==> flow/design.v <==
module gen_mem_rtl (sys_clk, i_rst_n, i_wr_en, i_wa, i_d, i_rd_addr, o_dout);
    parameter ENTRIES = 48;
    parameter WD = 32;
    parameter NR = 1;
    parameter NUM_WR = 2;
    localparam AW = $clog2(ENTRIES);
    input sys_clk;
    input i_rst_n;
    input [NUM_WR-1:0] i_wr_en;
    input [NUM_WR*AW-1:0] i_wa;
    input [NUM_WR*WD-1:0] i_d;
    input [NR*AW-1:0] i_rd_addr;
    output [NR*WD-1:0] o_dout;
    reg [NUM_WR-1:0] r_wr_en;
    reg [NUM_WR*AW-1:0] r_wa;
    reg [NUM_WR*WD-1:0] r_d;
    always @(posedge sys_clk or negedge i_rst_n) begin
        if (!i_rst_n) begin
            r_wr_en <= 0;
            r_wa <= 0;
            r_d <= 0;
        end else begin
            r_wr_en <= i_wr_en;
            r_wa <= i_wa;
            r_d <= i_d;
        end
    end
    reg [WD-1:0] store [0:ENTRIES-1];
    integer i;
    always @(posedge sys_clk) begin
        for (i = 0; i < NUM_WR; i = i + 1)
            if (r_wr_en[i]) store[r_wa[i*AW +: AW]] <= r_d[i*WD +: WD];
    end
    reg [NR*AW-1:0] r_rd_addr;
    always @(posedge sys_clk or negedge i_rst_n) begin
        if (!i_rst_n) begin
            r_rd_addr <= 0;
        end else begin
            r_rd_addr <= i_rd_addr;
        end
    end
    wire [NR*WD-1:0] cur;
    genvar m;
    generate
        for (m = 0; m < NR; m = m + 1) begin : gen
            assign cur[m*WD +: WD] = store[r_rd_addr[m*AW +: AW]];
        end
    endgenerate
    assign o_dout = cur;
endmodule
Tool chain data of gen_mem_rtl
What the tools print for gen_mem_rtl, step after step. Lines are those of the file above, counted from 1. Library cell names are shortened. The mark -- stands for no value.

Top module: gen_mem_rtl. Clock: sys_clk. Standard-cell library: sky130hd. Library corner: tt_025C_1v80.

Word level
Yosys after proc, flatten, opt, wreduce and memory -nomap, before mapping. Enables and synchronous resets that opt folds into registers are not counted as muxes. Memory bits, and registers merged into a memory's read port (data or address), are not among the register bits. Print and check cells are not counted. Equal cells are merged and count once. Memory sizes are those after Yosys's memory passes, which may raise the word count (mostly to a power of two), join words into wider ones and drop unused or constant bits.

The entry for mux-type cells reads 6.

Operator list (count): 2-to-1 mux 32 bit (2); 2-to-1 mux 6 bit (2); 2-to-1 mux 1 bit (2).

The figure for register bits is 84. For memory bits (writable) the number is 1536. Memory cells: 1. Bits of input ports: 86. The figure for output and inout bits is 32.

Memory list: store (depth 48, bits a word 32, rd ports 1, write ports 2, line 28) `reg [WD-1:0] store [0:ENTRIES-1];`.

Depth
Depth = most cells in a row (Yosys ltp): at word level without a register or memory, in the mapped netlist without a sequential cell, where the memories' decode and read muxes count.

The entry for depth after elaboration reads 1. ABC_AREA: 0. Mapped depth: 9.

Mapped cells and area
Yosys stat after the flow's synthesis: flattened, memories mapped to cells. It holds for the ABC_AREA given above (unset counts as 0); a run with the other value may have another netlist.

Cell count: 5051. The entry for chip area (Yosys) reads 80880.1 um^2. Under sequential area stands 48226.3 um^2. The entry for flip-flops reads 1620.

Cells by type (count): edfxtp_1 (1536); mux2_2 (1486); mux2i_1 (512); mux4_2 (160); dfrtp_1 (84); clkbuf_1 (433); a22oi_1 (128); buf_2 (124); mux2_1 (50); a221oi_1 (64); a22o_1 (64); o22ai_1 (56); buf_4 (45); a21oi_1 (64); o41ai_1 (32); nand2_1 (66); buf_1 (45); o21ai_0 (24).

Not listed: further types 19, cells in them 78.

Timing after synthesis
OpenSTA on the mapped netlist: ideal clock, no wires. The path of least setup slack (recovery checks aside). Input and output delay are each 20% of the period. Register names are those of the netlist, which keeps one name where synthesis merged equal registers.

Path type: flip-flop to flip-flop. Start point: register r_wa[3]. End point: memory store[20][0]. Under period stands 4750 ps. Under library setup time stands 466 ps. Under launch time at the first pin stands 0 ps. Arrival: 3330 ps. The figure for path slack is 954 ps. For delay of the path the number is 3796 ps. Under driving pins on the path stands 4. Under synthesis period reached stands 3796 ps.

"delay of the path" = arrival - input delay + setup time. "driving pins on the path" counts driving pins, that of a launching flip-flop among them; a cell with two outputs on the path counts twice. "synthesis period reached" is the clock period less the worst setup slack; recovery checks do not enter. This is arithmetic on one report: input and output delays are still those of the set period (20% each). The rows between start and end are the longest chain of elaborated cells between them; the timing report does not say that the signal goes this way. Where chains are equally long, one stands for them. A line is the first line of the expression or statement that the cell stems from. Yosys adds cells for indexed reads and writes and turns some case tables into memories.

Cells stage by stage: dfrtp_1 or3b_2 clkbuf_1 o21ai_0. The entry for length of the longest elaborated chain reads 1. The entry for elaborated cells on any way between the ends reads 1.

Ends and longest elaborated chain, post-synthesis: start, declared (line 15) `reg [NUM_WR*AW-1:0] r_wa;`; start, assigned (line 20) `r_wa <= 0;`; start, assigned (line 24) `r_wa <= i_wa;`; 2-to-1 mux 6 bit (line 32) `if (r_wr_en[i]) store[r_wa[i*AW +: AW]] <= r_d[i*WD +: WD];`; end, declared (line 28) `reg [WD-1:0] store [0:ENTRIES-1];`.

Timing after layout
From the final timing report of run 1: the path of least setup slack in the routed layout; clock arrival at registers is part of the times. The report prints the path's times to 10 ps; the period is as set.

Path type: flip-flop to output port. Start point: register r_rd_addr[0]. End point: output port o_dout[17]. Under period stands 4750 ps. Under launch time at the first pin stands 820 ps. Arrival: 3920 ps. The figure for path slack is -120 ps. Under driving pins on the path stands 9.

The rows between start and end are the longest chain of elaborated cells between them; the timing report does not say that the signal goes this way. Where chains are equally long, one stands for them. A memory read counts as a cell of the chain, while the word-level depth stops at memories.

Cells stage by stage: dfrtp_4 buf_4 bufbuf_16 mux4_2 mux4_2 nand2_1 o41ai_1 buf_4 clkdlybuf4s50_1. The entry for length of the longest elaborated chain reads 1. The entry for elaborated cells on any way between the ends reads 1.

Ends and longest elaborated chain, after layout: start, declared (line 34) `reg [NR*AW-1:0] r_rd_addr;`; start, assigned (line 37) `r_rd_addr <= 0;`; start, assigned (line 39) `r_rd_addr <= i_rd_addr;`; memory (48 x 32 bit) (line 28) `reg [WD-1:0] store [0:ENTRIES-1];`; end, declared (line 13) `output [NR*WD-1:0] o_dout;`.

Add stored flow runs of gen_mem_rtl

Below are 3 stored runs of the flow (Yosys, OpenROAD; platform sky130hd) on gen_mem_rtl, each with its settings and what was measured, unordered. Constraints: input delay and output delay 20% of the set period each, output load 0.01 pF. "reached clock period" means the clock period less the worst setup slack. The figure is calculated, with input and output delays left at 20% of the set period. "time of the worst setup path": the worst setup path's part of the clock period (all of it between registers, 20% less for each end at a port) less its slack. A launch clock that arrives late makes it longer, a capture clock that arrives late makes it shorter. "total power of the final layout" is the tool's figure for a default switching activity; nothing was simulated. "time of the worst setup path" is known to 10 ps.

Run 1 has these settings: period_ns 4.75; CAP_MARGIN 20; CORE_MARGIN 2; CORE_UTILIZATION 40; SLEW_MARGIN 20. The chip area after synthesis (Yosys) reads 80,880.1 um^2. For the full die area the run shows 205,812.0 um^2. For the standard-cell area after routing the run shows 92,992.9 um^2. The utilization in the final report stands at 46.2 %. The worst setup slack after layout reads -125 ps. For the total negative slack on setup checks the run shows -1,145 ps. The total power of the final layout stands at 32,296 µW. The reached clock period comes to 4,875 ps. The measured time of the worst setup path is 3,920 ps. Worst setup path type: flip-flop to output port.

Run 2 has these settings: period_ns 7.11; CORE_UTILIZATION 57; PLACE_DENSITY_LB_ADDON 0.21; CORE_ASPECT_RATIO 0.8; ABC_AREA 1; GPL_ROUTABILITY_DRIVEN 0; CTS_CLUSTER_SIZE 84; MAX_ROUTING_LAYER met5; CAP_MARGIN 20; CORE_MARGIN 2; SLEW_MARGIN 20. The chip area after synthesis (Yosys) reads 80,967.7 um^2. For the full die area the run shows 145,099.0 um^2. For the standard-cell area after routing the run shows 87,400.1 um^2. The utilization in the final report stands at 62.1 %. The worst setup slack after layout reads 1,326 ps. For the total negative slack on setup checks the run shows 0 ps. The total power of the final layout stands at 21,042 µW. The reached clock period comes to 5,784 ps. The measured time of the worst setup path is 4,360 ps. Worst setup path type: flip-flop to output port.

Run 3 has these settings: period_ns 2.93; CORE_UTILIZATION 30; PLACE_DENSITY_LB_ADDON 0.21; CELL_PAD_IN_SITES_GLOBAL_PLACEMENT 0; CELL_PAD_IN_SITES_DETAIL_PLACEMENT 1; ABC_AREA 1; GPL_TIMING_DRIVEN 0; CTS_CLUSTER_SIZE 52; SLEW_MARGIN 25; MIN_ROUTING_LAYER met1; CAP_MARGIN 20; CORE_MARGIN 2. The chip area after synthesis (Yosys) reads 80,967.7 um^2. For the full die area the run shows 274,063.0 um^2. For the standard-cell area after routing the run shows 102,308.0 um^2. The utilization in the final report stands at 38.2 %. The worst setup slack after layout reads -1,104 ps. For the total negative slack on setup checks the run shows -34,012 ps. The total power of the final layout stands at 58,296 µW. The reached clock period comes to 4,034 ps. The measured time of the worst setup path is 3,450 ps. Worst setup path type: flip-flop to output port.
